==> flow/design.v <==
module alu_alu_arith_top #(
    parameter integer XLEN = 18
) (
    input  logic CLK,
    input  logic aresetn,
    input  logic [XLEN-1:0] i_da,
    input  logic [XLEN-1:0] i_db,
    input  logic i_dir,
    output logic [XLEN-1:0] o_d,
    output logic o_cy
);
    logic [XLEN-1:0] t2;
    assign t2 = i_db ^ {XLEN{i_dir}};
    logic [XLEN:0] nxt;
    assign nxt = i_da + t2 + i_dir;
    always_ff @(posedge CLK) begin
        if (!aresetn) begin
            o_d <= '0;
            o_cy <= 1'b0;
        end else begin
            o_d <= nxt[XLEN-1:0];
            o_cy <= nxt[XLEN];
        end
    end
endmodule
; ---- Step by step through the tools: alu_alu_arith_top
; A sweep over "XLEN": the same steps for each member of the family.
; The file above is the member XLEN 18. Line numbers count from 1 in each member's own file.
; Operators: Yosys type, input widths -> output width; for muxes data width and select width s.
; Library cell names are shortened.
; Not given: -
[design]
top = alu_alu_arith_top
clk_port = CLK
lib = sky130hd
lib_corner = tt_025C_1v80

; ---- Members of the sweep
; Lines of each other member's file that are new or changed against the file above; lines that a member lacks are not shown.
[changed_lines]
columns = XLEN, line
row1 = 36, 2  ; parameter integer XLEN = 36
row2 = 80, 2  ; parameter integer XLEN = 80

; ---- Elaborated design
; Source: Yosys, flattened and elaborated, memories not mapped. Widths are those after wreduce; folded enables and synchronous resets count as part of the registers. Registers that Yosys merges into a memory's read port (data or address) are not register bits. Print and check cells do not count. Equal cells are merged and count once.
[op_classes]
columns = XLEN, n_addsub, n_mul, n_div, cmp, equal, shift, muxes, logic, n_reduce_logical
row1 = 18, 2, 0, 0, 0, 0, 0, 0, 1, 0
row2 = 36, 2, 0, 0, 0, 0, 0, 0, 1, 0
row3 = 80, 2, 0, 0, 0, 0, 0, 0, 1, 0
[ops]
columns = XLEN, op_list
row1 = 18, $add 18x18->19: 1; $add 19x1->19: 1; $xor 18x18->18: 1
row2 = 36, $add 36x36->37: 1; $add 37x1->37: 1; $xor 36x36->36: 1
row3 = 80, $add 80x80->81: 1; $add 81x1->81: 1; $xor 80x80->80: 1
[bits]
columns = XLEN, regBits, latch_bits, ram_bits, mem_bits_ro, clocked_rd_ports_x_width, mem_count, in_bits, output_inout_bits
row1 = 18, 19, 0, 0, 0, 0, 0, 39, 19
row2 = 36, 37, 0, 0, 0, 0, 0, 75, 37
row3 = 80, 81, 0, 0, 0, 0, 0, 163, 81

; ---- Logic depth
; Depth = most cells in a row (Yosys ltp): at word level without a register or memory, in the mapped netlist without a sequential cell, where the memories' decode and read muxes count.
[logic_depth]
columns = XLEN, depth_word, abc_area, ltp_mapped, depth_no_buf
row1 = 18, 3, 0, 10, 9
row2 = 36, 3, 0, 13, 11
row3 = 80, 3, 0, 15, 13

; ---- After synthesis
; Source: synth_stat.txt of the flow (Yosys; design flattened, memories mapped). It holds for the ABC_AREA given above (unset counts as 0); a run with the other value may have another netlist.
; The area totals of this step are shown rounded.
[synth_totals]
columns = XLEN, stdcells, mapped_area_um2, seqArea_um2, ff_cells, buf_cells
row1 = 18, 175, 1500, 380, 19, 5
row2 = 36, 393, 3300, 740, 37, 15
row3 = 80, 969, 7700, 1600, 81, 48
[by_type]
columns = XLEN, cell_types
row1 = 18, dfxtp_1: 19; ha_1: 17; xor2_1: 20; a21oi_1: 13; xnor2_1: 7; nand2_1: 16; nor2_1: 16; o21ai_0: 11; mux2i_1: 5; nand2b_1: 6; o41ai_2: 2; a41oi_4: 1; a21o_1: 3; fa_1: 1; a211oi_1: 2; nand3_1: 3; o31ai_1: 2; a31oi_1: 2; [+29]
row2 = 36, dfxtp_1: 37; ha_1: 35; xor2_1: 47; and2_1: 29; a21oi_1: 31; xnor2_1: 15; nand2_1: 31; a21o_1: 12; o21ai_0: 15; mux2i_1: 7; nor2_1: 15; inv_1: 14; nand2b_1: 7; o211ai_1: 5; nand3_1: 7; clkbuf_1: 9; and3_1: 5; nand4_1: 5; [+67]
row3 = 80, dfxtp_1: 81; ha_1: 82; xor2_1: 109; a21oi_1: 100; nor2_1: 113; a21o_1: 41; xnor2_1: 33; nand2_1: 68; o21ai_0: 43; nand4_1: 31; o21bai_1: 19; o21a_1: 16; inv_1: 24; nor3_1: 17; a31oi_1: 11; buf_4: 8; clkbuf_1: 16; and2_1: 9; [+148]
; The mark [+n] counts cells that are not listed.

; ---- Path before layout
; OpenSTA on the mapped netlist: ideal clock, no wires. The path of least setup slack (recovery checks aside). Input and output delay are each 20% of the period. Register names are those of the netlist, which keeps one name where synthesis merged equal registers.
[synth_timing]
columns = XLEN, kind, start, end, period_ns, setup_slack_ns, path_stages, path_delay_ns, period_less_setup_slack_ns
row1 = 18, input -> register, input i_dir, register o_d[12], 3.73, 0.596, 10, 2.389, 3.134
row2 = 36, input -> register, input i_dir, register o_cy, 4.34, 0.693, 12, 2.779, 3.647
row3 = 80, input -> register, input i_dir, register o_d[79], 5.16, 0.827, 15, 3.301, 4.333
; "path_delay_ns" is the arrival time less input delay plus setup time.
; "path_stages": output pins that drive a net of the path, with the launching flip-flop's if there is one; two outputs of one cell count as two.
; "period_less_setup_slack_ns" is the clock period less the worst setup slack; recovery checks do not enter. This is arithmetic on one report: input and output delays are still those of the set period (20% each).
; The rows between start and end are the longest chain of elaborated cells between them; the timing report does not say that the signal goes this way. Where chains are equally long, one stands for them.
; Each line given opens the expression or statement behind the cell; cells for indexed reads and writes are added by Yosys, which also makes memories of some case tables.
[synth_between_XLEN_18]
elab_chain_cells = 3
[synth_lines_XLEN_18]
columns = element, line
row1 = from (decl), 8  ; input  logic i_dir,
row2 = $xor 18x18->18, 13  ; assign t2 = i_db ^ {XLEN{i_dir}};
row3 = $add 18x18->19, 15  ; assign nxt = i_da + t2 + i_dir;
row4 = $add 19x1->19, 15
row5 = to (assign), 18  ; o_d <= '0;
row6 = to (assign), 21  ; o_d <= nxt[XLEN-1:0];
row7 = to (decl), 9  ; output logic [XLEN-1:0] o_d,
[synth_between_XLEN_80]
elab_chain_cells = 3
[synth_lines_XLEN_80]
columns = element, line
row1 = from (decl), 8  ; input  logic i_dir,
row2 = $xor 80x80->80, 13  ; assign t2 = i_db ^ {XLEN{i_dir}};
row3 = $add 80x80->81, 15  ; assign nxt = i_da + t2 + i_dir;
row4 = $add 81x1->81, 15
row5 = to (assign), 18  ; o_d <= '0;
row6 = to (assign), 21  ; o_d <= nxt[XLEN-1:0];
row7 = to (decl), 9  ; output logic [XLEN-1:0] o_d,

; ---- Timing after layout
; Path of least setup slack in the final report of the run of each member (OpenROAD, finished layout, wires in). Where an end is a register, its clock arrival counts in the times.
[layout_timing]
columns = XLEN, kind, start, end, period_ns, setup_slack_ns, path_stages, arrival_time_ns, path_buffers
row1 = 18, input -> register, input i_dir, register o_d[16], 3.73, 0.36, 10, 3.55, 2
row2 = 36, input -> register, input i_db[1], register o_d[34], 4.34, 0.74, 12, 3.77, 1
row3 = 80, input -> register, input i_dir, register o_d[78], 5.16, 0.65, 14, 4.79, 2

; ---- Flow runs
; Settings and results of one run of the flow (Yosys, OpenROAD) for each member follow. The constraints put input and output delay at 20% of the set period each and load the outputs with 0.01 pF.
[settings]
CAP_MARGIN = 20
CORE_MARGIN = 2
CORE_UTILIZATION = 40
SLEW_MARGIN = 20
[settings_diff]
columns = XLEN, period_ns
row1 = 18, 3.73
row2 = 36, 4.34
row3 = 80, 5.16
[results]
columns = XLEN, yosys.chip_area_um2, die_footprint_um2, finalCellArea_um2, final_util_pct, fin_ws_ns, fin_tns_ns, timing.hold.ws_ns, totalPower_mw, achieved_clock_period_ns
row1 = 18, 1500, 4300, 2200, 60, 0.36, 0.000, 1.2, 0.81, 3.368
row2 = 36, 3300, 9000, 4600, 57, 0.74, 0.000, 1.3, 1.5, 3.596
row3 = 80, 7700, 20000, 11000, 56, 0.65, 0.000, 1.4, 3.0, 4.507
; "achieved_clock_period_ns" = clock period - worst setup slack. The figure is calculated, with input and output delays left at 20% of the set period.
; "totalPower_mw" rests on the timing tool's default activity at the inputs, not on a simulated workload.
; Values from the reports are rounded here.
